==> flow/design.v <==
module core_diff_unit_p #(
   parameter DW = 6
) (
   input logic CLK,
   input logic ce,
   input logic [DW-1:0] first_i,
   input logic [DW-1:0] second_i,
   input logic op_i,
   output logic [DW-1:0] q_o,
   output logic carry_out_o
);
   logic [DW-1:0] cur;
   logic [DW:0] cc;
   assign cc[0] = op_i;
   generate
      for (genvar g = 0; g < DW; g++) begin : blk
         core_diff_unit_p_fa inst (.a(first_i[g]), .b(second_i[g] ^ op_i), .ci(cc[g]), .s(cur[g]), .co(cc[g+1]));
      end
   endgenerate
   logic [DW-1:0] q_reg;
   always_ff @(posedge CLK) begin
      if (ce) begin
         q_reg <= cur;
      end
   end
   assign q_o = q_reg;
   logic carry_out_reg;
   always_ff @(posedge CLK) begin
      if (ce) begin
         carry_out_reg <= cc[DW];
      end
   end
   assign carry_out_o = carry_out_reg;
endmodule
module core_diff_unit_p_fa (
   input logic a,
   input logic b,
   input logic ci,
   output logic s,
   output logic co
);
   assign s = a ^ b ^ ci;
   assign co = (a & b) | (ci & (a ^ b));
endmodule
==> reports on core_diff_unit_p <==
[Reports on core_diff_unit_p]
A sweep over "DW": the same steps for each member of the family.
The file above is the member DW 6. Line numbers count from 1 in each member's own file.
Operators carry their Yosys type and port widths (W data, S select, Z words).
Library cell names are shortened.
Not given: n/a
Design
  top: core_diff_unit_p
  clock port: CLK
  standard-cell library: sky130hd
  timing corner: tt_025C_1v80

[Members of the sweep]
Lines of each other member's file that are new or changed against the file above; lines that a member lacks are not shown.
Lines new or changed
  DW 48: RTL line 2  | parameter DW = 48
  DW 128: RTL line 2  | parameter DW = 128

[Word-level counts]
Source: Yosys, flattened and elaborated, memories not mapped. Widths are those after wreduce; folded enables and synchronous resets count as part of the registers. Registers that Yosys merges into a memory's read port (data or address) are not register bits. Print and check cells do not count. Equal cells are merged and count once.
Bit counts
  DW 6: register bits 7, output and inout bits 7, elaborated cells 38
  DW 48: register bits 49, output and inout bits 49, elaborated cells 290
  DW 128: register bits 129, output and inout bits 129, elaborated cells 770
Cells by class (bitwise gates (word level))
  DW 6: 36
  DW 48: 288
  DW 128: 768
Operator list (kind and count)
  DW 6: 18 x $xor A1 B1 Y1; 12 x $and A1 B1 Y1; 6 x $or A1 B1 Y1
  DW 48: 144 x $xor A1 B1 Y1; 96 x $and A1 B1 Y1; 48 x $or A1 B1 Y1
  DW 128: 384 x $xor A1 B1 Y1; 256 x $and A1 B1 Y1; 128 x $or A1 B1 Y1

[Longest topological paths]
Yosys ltp: most cells in a row. Word level: on the elaborated netlist, between registers, memories and ports. Mapped: between sequential cells and ports; inverters and the memories' decode and read muxes count.
Depth
  DW 6: depth in word-level cells 14, ABC_AREA 0, mapped depth 8, mapped depth without buffers 7
  DW 48: depth in word-level cells 98, ABC_AREA 0, mapped depth 54, mapped depth without buffers 51
  DW 128: depth in word-level cells 258, ABC_AREA 0, mapped depth 133, mapped depth without buffers 131

[Netlist]
The flow's flattened synthesis, as Yosys stat reports it; memories are mapped. The netlist is that of the ABC_AREA named above (0 if unset); the other value can give another one.
Mapped netlist
  DW 6: cells in the netlist 29, cell area after synthesis 425.4 um2, area of sequential cells 210.2 um2, mapped flip-flops 7, buffers 1
  DW 48: cells in the netlist 244, cell area after synthesis 3270.6 um2, area of sequential cells 1471.4 um2, mapped flip-flops 49, buffers 6
  DW 128: cells in the netlist 652, cell area after synthesis 8647.0 um2, area of sequential cells 3873.7 um2, mapped flip-flops 129, buffers 14
Cells by type (types with counts)
  DW 6: 7 x edfxtp_1; 5 x fa_1; 4 x xnor2_1; 9 x inv_1; 1 x xor2_2; 1 x buf_6; 1 x mux2i_1; 1 x xor2_1
  DW 48: 49 x edfxtp_1; 47 x fa_1; 44 x xnor2_1; 93 x inv_1; 3 x buf_8; 3 x xor2_1; 1 x xnor2_2; 2 x buf_4; 1 x buf_6; 1 x mux2i_1
  DW 128: 129 x edfxtp_1; 127 x fa_1; 125 x xnor2_1; 253 x inv_1; 12 x buf_6; 3 x xor2_1; 2 x buf_4; 1 x mux2i_1
The figures by module come from a second, unflattened synthesis with its own total; it is not the netlist above.
Second synthesis, totals
  DW 6: cell total of the unflattened synthesis 20, area (unflattened synthesis) 394.1 um2
  DW 48: cell total of the unflattened synthesis 151, area (unflattened synthesis) 2935.3 um2
  DW 128: cell total of the unflattened synthesis 399, area (unflattened synthesis) 7828.8 um2

[Worst setup path after synthesis]
Source: OpenSTA report_checks on the synthesized netlist (no wires, ideal clock, input and output delay 20% of the period each), path of least setup slack; recovery checks are left aside. Register names are those of the netlist, which keeps one name where synthesis merged equal registers.
Timing after synthesis
  DW 6: kind input-to-reg, from in op_i, to reg q_reg[5], clock period 3.89 ns, setup slack 0.619 ns, stages 8, delay of the path 2.492 ns, synthesis period reached 3.271 ns
  DW 48: kind input-to-reg, from in op_i, to reg q_reg[47], clock period 30.2 ns, setup slack 4.840 ns, stages 54, delay of the path 19.320 ns, synthesis period reached 25.36 ns
  DW 128: kind input-to-reg, from in op_i, to reg q_reg[127], clock period 82.4 ns, setup slack 13.193 ns, stages 133, delay of the path 52.727 ns, synthesis period reached 69.207 ns
"delay of the path" = arrival - input delay + setup time.
"stages" counts driving pins, that of a launching flip-flop among them; a cell with two outputs on the path counts twice.
"synthesis period reached" is the clock period less the worst setup slack; recovery checks do not enter. This is arithmetic on one report: input and output delays are still those of the set period (20% each).
The rows between start and end are the longest chain of elaborated cells between them; the timing report does not say that the signal goes this way. Where chains are equally long, one stands for them.
A line is the first line of the expression or statement that the cell stems from. Yosys adds cells for indexed reads and writes and turns some case tables into memories.
On the way, after synthesis, DW 6
  length of the longest elaborated chain: 13
RTL lines, path after synthesis, DW 6
  from (decl): RTL line 8  | input logic op_i,
  $xor A1 B1 Y1: RTL line 17  | core_diff_unit_p_fa inst (.a(first_i[g]), .b(second_i[g] ^ op_i), .ci(cc[g]), .s(cur[g]), .co(cc[g+1]));
  $xor A1 B1 Y1: RTL line 43  | assign co = (a & b) | (ci & (a ^ b));
  $and A1 B1 Y1: RTL line 43
  $or A1 B1 Y1: RTL line 43
  $and A1 B1 Y1: RTL line 43
  $or A1 B1 Y1: RTL line 43
  $and A1 B1 Y1: RTL line 43
  $or A1 B1 Y1: RTL line 43
  $and A1 B1 Y1: RTL line 43
  $or A1 B1 Y1: RTL line 43
  $and A1 B1 Y1: RTL line 43
  $or A1 B1 Y1: RTL line 43
  $xor A1 B1 Y1: RTL line 42  | assign s = a ^ b ^ ci;
  to (assign): RTL line 23  | q_reg <= cur;
  to (decl): RTL line 20  | logic [DW-1:0] q_reg;
On the way, after synthesis, DW 128
  length of the longest elaborated chain: 257
RTL lines, path after synthesis, DW 128
  from (decl): RTL line 8  | input logic op_i,
  $xor A1 B1 Y1: RTL line 17  | core_diff_unit_p_fa inst (.a(first_i[g]), .b(second_i[g] ^ op_i), .ci(cc[g]), .s(cur[g]), .co(cc[g+1]));
  $xor A1 B1 Y1: RTL line 43  | assign co = (a & b) | (ci & (a ^ b));
  $and A1 B1 Y1: RTL line 43
  $or A1 B1 Y1: RTL line 43
  $and A1 B1 Y1: RTL line 43
  $or A1 B1 Y1: RTL line 43
  $and A1 B1 Y1: RTL line 43
  [243 not listed]
  $and A1 B1 Y1: RTL line 43
  $or A1 B1 Y1: RTL line 43
  $and A1 B1 Y1: RTL line 43
  $or A1 B1 Y1: RTL line 43
  $and A1 B1 Y1: RTL line 43
  $or A1 B1 Y1: RTL line 43
  $xor A1 B1 Y1: RTL line 42  | assign s = a ^ b ^ ci;
  to (assign): RTL line 23  | q_reg <= cur;
  to (decl): RTL line 20  | logic [DW-1:0] q_reg;

[Path in the finished layout]
From the final timing report of each member's run: the path of least setup slack in the routed layout; clock arrival at registers is part of the times.
Timing after layout
  DW 6: kind input-to-reg, from in op_i, to reg q_reg[5], clock period 3.89 ns, setup slack 0.39 ns, stages 8, arrival time 3.47 ns, path buffers 1
  DW 48: kind input-to-reg, from in second_i[0], to reg q_reg[47], clock period 30.2 ns, setup slack 4.47 ns, stages 52, arrival time 25.78 ns, path buffers 1
  DW 128: kind input-to-reg, from in second_i[0], to reg q_reg[127], clock period 82.4 ns, setup slack 11.81 ns, stages 132, arrival time 70.76 ns, path buffers 1

[Layout results]
One run of the flow (Yosys, OpenROAD) for each member, with settings and measured results. Input and output delays are each 20% of the period that was set; the output load is 0.01 pF.
Flow settings
  CAP_MARGIN: 20
  CORE_MARGIN: 2
  CORE_UTILIZATION: 40
  SLEW_MARGIN: 20
Settings that differ (period_ns)
  DW 6: 3.89
  DW 48: 30.2
  DW 128: 82.4
Final reports
  DW 6: post-synthesis cell area 425.4 um2, full die area 1340.3 um2, standard-cell area of the final layout 666.9 um2, post-route utilization 69.2%, smallest setup slack 0.385 ns, setup TNS 0.000 ns, lowest hold slack 1.264 ns, total design power 0.2282 mW, reached clock period 3.505 ns
  DW 48: post-synthesis cell area 3270.6 um2, full die area 8916.1 um2, standard-cell area of the final layout 4889.7 um2, post-route utilization 62.6%, smallest setup slack 4.475 ns, setup TNS 0.000 ns, lowest hold slack 6.256 ns, total design power 0.2228 mW, reached clock period 25.725 ns
  DW 128: post-synthesis cell area 8647.0 um2, full die area 22810.1 um2, standard-cell area of the final layout 13282.7 um2, post-route utilization 63.0%, smallest setup slack 11.807 ns, setup TNS 0.000 ns, lowest hold slack 16.621 ns, total design power 0.2538 mW, reached clock period 70.593 ns
By "reached clock period" is meant the clock period of the run minus its worst setup slack. This is arithmetic on one report: input and output delays are still those of the set period (20% each).
"total design power" rests on the timing tool's default activity at the inputs, not on a simulated workload.
